==> flow/design.v <==
module sync_ram_block_stage #(
  parameter int ENTRIES = 24,
  parameter int XLEN = 2,
  parameter int AW = $clog2(ENTRIES)
) (
  input  logic i_clk,
  input  logic rst_i,
  input  logic write_i,
  input  logic [AW-1:0] wa_i,
  input  logic [XLEN-1:0] write_data_i,
  input  logic [AW-1:0] raddr_a_i,
  input  logic [AW-1:0] raddr_b_i,
  output logic [XLEN-1:0] rd_data_a_o,
  output logic [XLEN-1:0] rd_data_b_o
);
  logic write_s;
  logic [AW-1:0] wa_s;
  logic [XLEN-1:0] write_data_s;
  always_ff @(posedge i_clk or posedge rst_i) begin
    if (rst_i) begin
      write_s <= 1'b0;
      wa_s <= 0;
      write_data_s <= 0;
    end else begin
      write_s <= write_i;
      wa_s <= wa_i;
      write_data_s <= write_data_i;
    end
  end
  logic [XLEN-1:0] array [0:ENTRIES-1];
  always_ff @(posedge i_clk) begin
    if (write_s)
      array[wa_s] <= write_data_s;
  end
  logic [AW-1:0] raddr_a_s;
  logic [AW-1:0] raddr_b_s;
  logic [XLEN-1:0] rd_data_a_s;
  always_ff @(posedge i_clk or posedge rst_i) begin
    if (rst_i) begin
      raddr_a_s <= 0;
      raddr_b_s <= 0;
      rd_data_a_s <= 0;
    end else begin
      raddr_a_s <= raddr_a_i;
      raddr_b_s <= raddr_b_i;
      rd_data_a_s <= array[raddr_a_s];
    end
  end
  assign rd_data_a_o = rd_data_a_s;
  logic [XLEN-1:0] rd_data_b_s;
  always_ff @(posedge i_clk or posedge rst_i) begin
    if (rst_i) begin
      rd_data_b_s <= 0;
    end else begin
      rd_data_b_s <= array[raddr_b_s];
    end
  end
  assign rd_data_b_o = rd_data_b_s;
endmodule
## Reports on sync_ram_block_stage

What the tools print for sync_ram_block_stage, step after step.
Lines are those of the file above, counted from 1.
Not given: n/a

| design | value |
|---|---|
| design top | sync_ram_block_stage |
| clock input | i_clk |
| library | sky130hd |
| timing corner | tt_025C_1v80 |

## Elaborated design

Counts by Yosys on the flattened word-level netlist (proc, flatten, opt, wreduce; memories kept). Register bits leave out memories and registers merged into their read ports (data or address); mux counts leave out enables and synchronous resets folded into registers. Print and check cells are left out. Cells with the same type and inputs are merged into one.
Memory sizes are those after Yosys's memory passes, which may raise the word count (mostly to a power of two), join words into wider ones and drop unused or constant bits.

| bit counts | value |
|---|---|
| memories kept | 1 |
| RAM bits | 48 |
| output and inout port bits | 4 |
| cells after elaboration | 9 |
| input port bits | 20 |
| bits in registers | 18 |
| word width x clocked read ports | 4 |

Memory list:

| memory | depth | width | rd ports | write ports | line | RTL |
|---|---|---|---|---|---|---|
| array | 24 | 2 | 2 | 1 | 30 | `logic [XLEN-1:0] array [0:ENTRIES-1];` |

| cells by class | value |
|---|---|
| multiplexer cells | 3 |

Operator list:

| operator | number |
|---|---|
| two-way mux 5 bit | 1 |
| two-way mux 2 bit | 1 |
| two-way mux 1 bit | 1 |

## Longest topological paths

Longest topological path by Yosys (ltp), each cell counted once; first at word level (registers and memories cut), then after technology mapping (sequential cells cut; the memories' decode and read muxes count).

| depth | value |
|---|---|
| word-level depth | 1 |
| ABC_AREA | 1 |
| depth in mapped cells | 10 |
| gate-level depth less buffers | 8 |

## Netlist

The flow's flattened synthesis, as Yosys stat reports it; memories are mapped. The netlist is that of the ABC_AREA named above (0 if unset); the other value can give another one.

Cell types:

| type | number | area in all (um^2) |
|---|---|---|
| sky130_fd_sc_hd__edfxtp_1 | 48 | 1.44E+03 |
| sky130_fd_sc_hd__dfrtp_1 | 22 | 550.528 |
| sky130_fd_sc_hd__nand3_1 | 78 | 390.374 |
| sky130_fd_sc_hd__nand2_1 | 84 | 315.302 |
| sky130_fd_sc_hd__inv_1 | 54 | 202.694 |
| sky130_fd_sc_hd__nor2_1 | 24 | 90.086 |
| sky130_fd_sc_hd__buf_6 | 6 | 67.565 |
| sky130_fd_sc_hd__o211ai_1 | 8 | 60.058 |
| sky130_fd_sc_hd__a21oi_1 | 8 | 40.038 |
| sky130_fd_sc_hd__o21ai_0 | 8 | 40.038 |
| sky130_fd_sc_hd__buf_2 | 6 | 30.029 |
| sky130_fd_sc_hd__buf_4 | 2 | 15.014 |
| sky130_fd_sc_hd__inv_4 | 2 | 12.512 |

| synthesis totals | value |
|---|---|
| synthesis area | 0.0032556 mm^2 |
| flip-flops | 70 |
| buffers | 14 |
| cell count | 350 |
| sequential part of the area | 0.0019919 mm^2 |

## Timing after synthesis

OpenSTA on the mapped netlist: ideal clock, no wires. The path of least setup slack (recovery checks aside). Input and output delay are each 20% of the period. Register names are those of the netlist, which keeps one name where synthesis merged equal registers.

| path after synthesis | value |
|---|---|
| kind | register to register |
| start | reg raddr_a_s[0] |
| end | reg rd_data_a_s[1] |
| arrival | 1.022 ns |
| setup slack | 0.952 ns |
| delay of the path | 1.138 ns |
| period | 2.09 ns |
| required time | 1.974 ns |
| path buffers | 2 |
| stages | 11 |
| library setup time | 0.116 ns |
| launch time at the first pin | 0.000 ns |
| period reached after synthesis | 1.138 ns |

"delay of the path" is the arrival time less input delay plus setup time.
"stages": output pins that drive a net of the path, with the launching flip-flop's if there is one; two outputs of one cell count as two.
"period reached after synthesis" is the clock period less the worst setup slack; recovery checks do not enter. This is arithmetic on one report: input and output delays are still those of the set period (20% each).

| between the ends, after synthesis | value |
|---|---|
| cell sequence | sky130_fd_sc_hd__dfrtp_1 -> sky130_fd_sc_hd__buf_6 -> sky130_fd_sc_hd__inv_4 -> sky130_fd_sc_hd__buf_6 -> sky130_fd_sc_hd__nand2_1 -> sky130_fd_sc_hd__nand3_1 -> sky130_fd_sc_hd__nand3_1 -> sky130_fd_sc_hd__nand3_1 -> sky130_fd_sc_hd__nand2_1 -> sky130_fd_sc_hd__nand2_1 -> sky130_fd_sc_hd__nand2_1 |

RTL lines, path after synthesis:

| what | line | RTL |
|---|---|---|
| start: declaration | 35 | `logic [AW-1:0] raddr_a_s;` |
| start: assignment | 40 | `raddr_a_s <= 0;` |
| start: assignment | 44 | `raddr_a_s <= raddr_a_i;` |
| end: declaration | 37 | `logic [XLEN-1:0] rd_data_a_s;` |

Chain of elaborated cells between the ends: none given.

## Timing after layout

Path of least setup slack in the final report of flow run 1 (OpenROAD, finished layout, wires in). Where an end is a register, its clock arrival counts in the times.

| path after layout | value |
|---|---|
| kind | register to output |
| start | reg rd_data_a_s[1] |
| end | out rd_data_a_o[1] |
| required time | 2.03 ns |
| period | 2.54 ns |
| setup slack | 0.83 ns |
| arrival | 1.20 ns |
| external output delay | 0.51 ns |
| path buffers | 1 |
| stages | 2 |
| launch time at the first pin | 0.35 ns |

| between the ends, after layout | value |
|---|---|
| cell sequence | sky130_fd_sc_hd__dfrtp_1 -> sky130_fd_sc_hd__clkdlybuf4s50_1 |
| length of the longest elaborated chain | 0 |
| elaborated cells on any way between the ends | 0 |
| source lines of those cells | 0 |

RTL lines, path after layout:

| what | line | RTL |
|---|---|---|
| start: declaration | 37 | `logic [XLEN-1:0] rd_data_a_s;` |
| end: declaration | 13 | `output logic [XLEN-1:0] rd_data_a_o,` |

# Flow runs of sync_ram_block_stage

3 stored runs of sync_ram_block_stage in the flow (synthesis by Yosys, layout by OpenROAD, sky130hd cells), in arbitrary order. Constraints: input delay and output delay 20% of the set period each, output load 0.01 pF.
"reached clock period" means the clock period less the worst setup slack. The figure is calculated, with input and output delays left at 20% of the set period.
"time used up by the worst setup path" = time allowed to the worst setup path (clock period - input delay - output delay, where it has them) - its slack; a late launch clock adds to it, a late capture clock takes from it.
By "total power of the final layout" is meant OpenSTA's value without simulated activity: inputs other than the clock are taken to toggle once in ten clock periods, and the tool carries that through the logic.

#### Flow run 1

| setting | value |
|---|---|
| period_ns | `2.54` |
| CORE_UTILIZATION | `39` |
| SETUP_SLACK_MARGIN | `0.09` |
| PLACE_DENSITY_LB_ADDON | `0.05` |
| CELL_PAD_IN_SITES_DETAIL_PLACEMENT | `1` |
| ABC_AREA | `1` |
| GPL_TIMING_DRIVEN | `0` |
| CTS_CLUSTER_SIZE | `41` |
| CAP_MARGIN | `30` |
| MAX_ROUTING_LAYER | `met4` |
| CORE_MARGIN | `2` |
| SLEW_MARGIN | `20` |

| result | value |
|---|---|
| synthesis area | 0.0032556 mm^2 |
| total die area | 0.0090945 mm^2 |
| std-cell area (final layout) | 0.0038387 mm^2 |
| post-route utilization | 47.2% |
| setup slack of the worst path | 0.833 ns |
| summed negative setup slack | 0.000 ns |
| total power of the final layout | 2.440 mW |
| reached clock period | 1.707 ns |
| time used up by the worst setup path | 1.20 ns |
| type of the worst setup path | register to output |

#### Flow run 2

| setting | value |
|---|---|
| period_ns | `2.09` |
| CAP_MARGIN | `20` |
| CORE_MARGIN | `2` |
| CORE_UTILIZATION | `40` |
| SLEW_MARGIN | `20` |

| result | value |
|---|---|
| synthesis area | 0.0030492 mm^2 |
| total die area | 0.0083375 mm^2 |
| std-cell area (final layout) | 0.0036022 mm^2 |
| post-route utilization | 49.1% |
| setup slack of the worst path | 0.225 ns |
| summed negative setup slack | 0.000 ns |
| total power of the final layout | 2.939 mW |
| reached clock period | 1.865 ns |
| time used up by the worst setup path | 1.87 ns |
| type of the worst setup path | register to register |

#### Flow run 3

| setting | value |
|---|---|
| period_ns | `2.31` |
| CORE_UTILIZATION | `28` |
| SETUP_SLACK_MARGIN | `0.68` |
| PLACE_DENSITY_LB_ADDON | `0.26` |
| CORE_ASPECT_RATIO | `0.63` |
| CORE_MARGIN | `7` |
| TNS_END_PERCENT | `10` |
| ABC_AREA | `0` |
| GPL_TIMING_DRIVEN | `0` |
| MAX_ROUTING_LAYER | `met4` |
| CAP_MARGIN | `20` |
| SLEW_MARGIN | `20` |

| result | value |
|---|---|
| synthesis area | 0.0030492 mm^2 |
| total die area | 0.0140863 mm^2 |
| std-cell area (final layout) | 0.0037974 mm^2 |
| post-route utilization | 35.5% |
| setup slack of the worst path | 0.584 ns |
| summed negative setup slack | 0.000 ns |
| total power of the final layout | 2.945 mW |
| reached clock period | 1.726 ns |
| time used up by the worst setup path | 1.73 ns |
| type of the worst setup path | register to register |
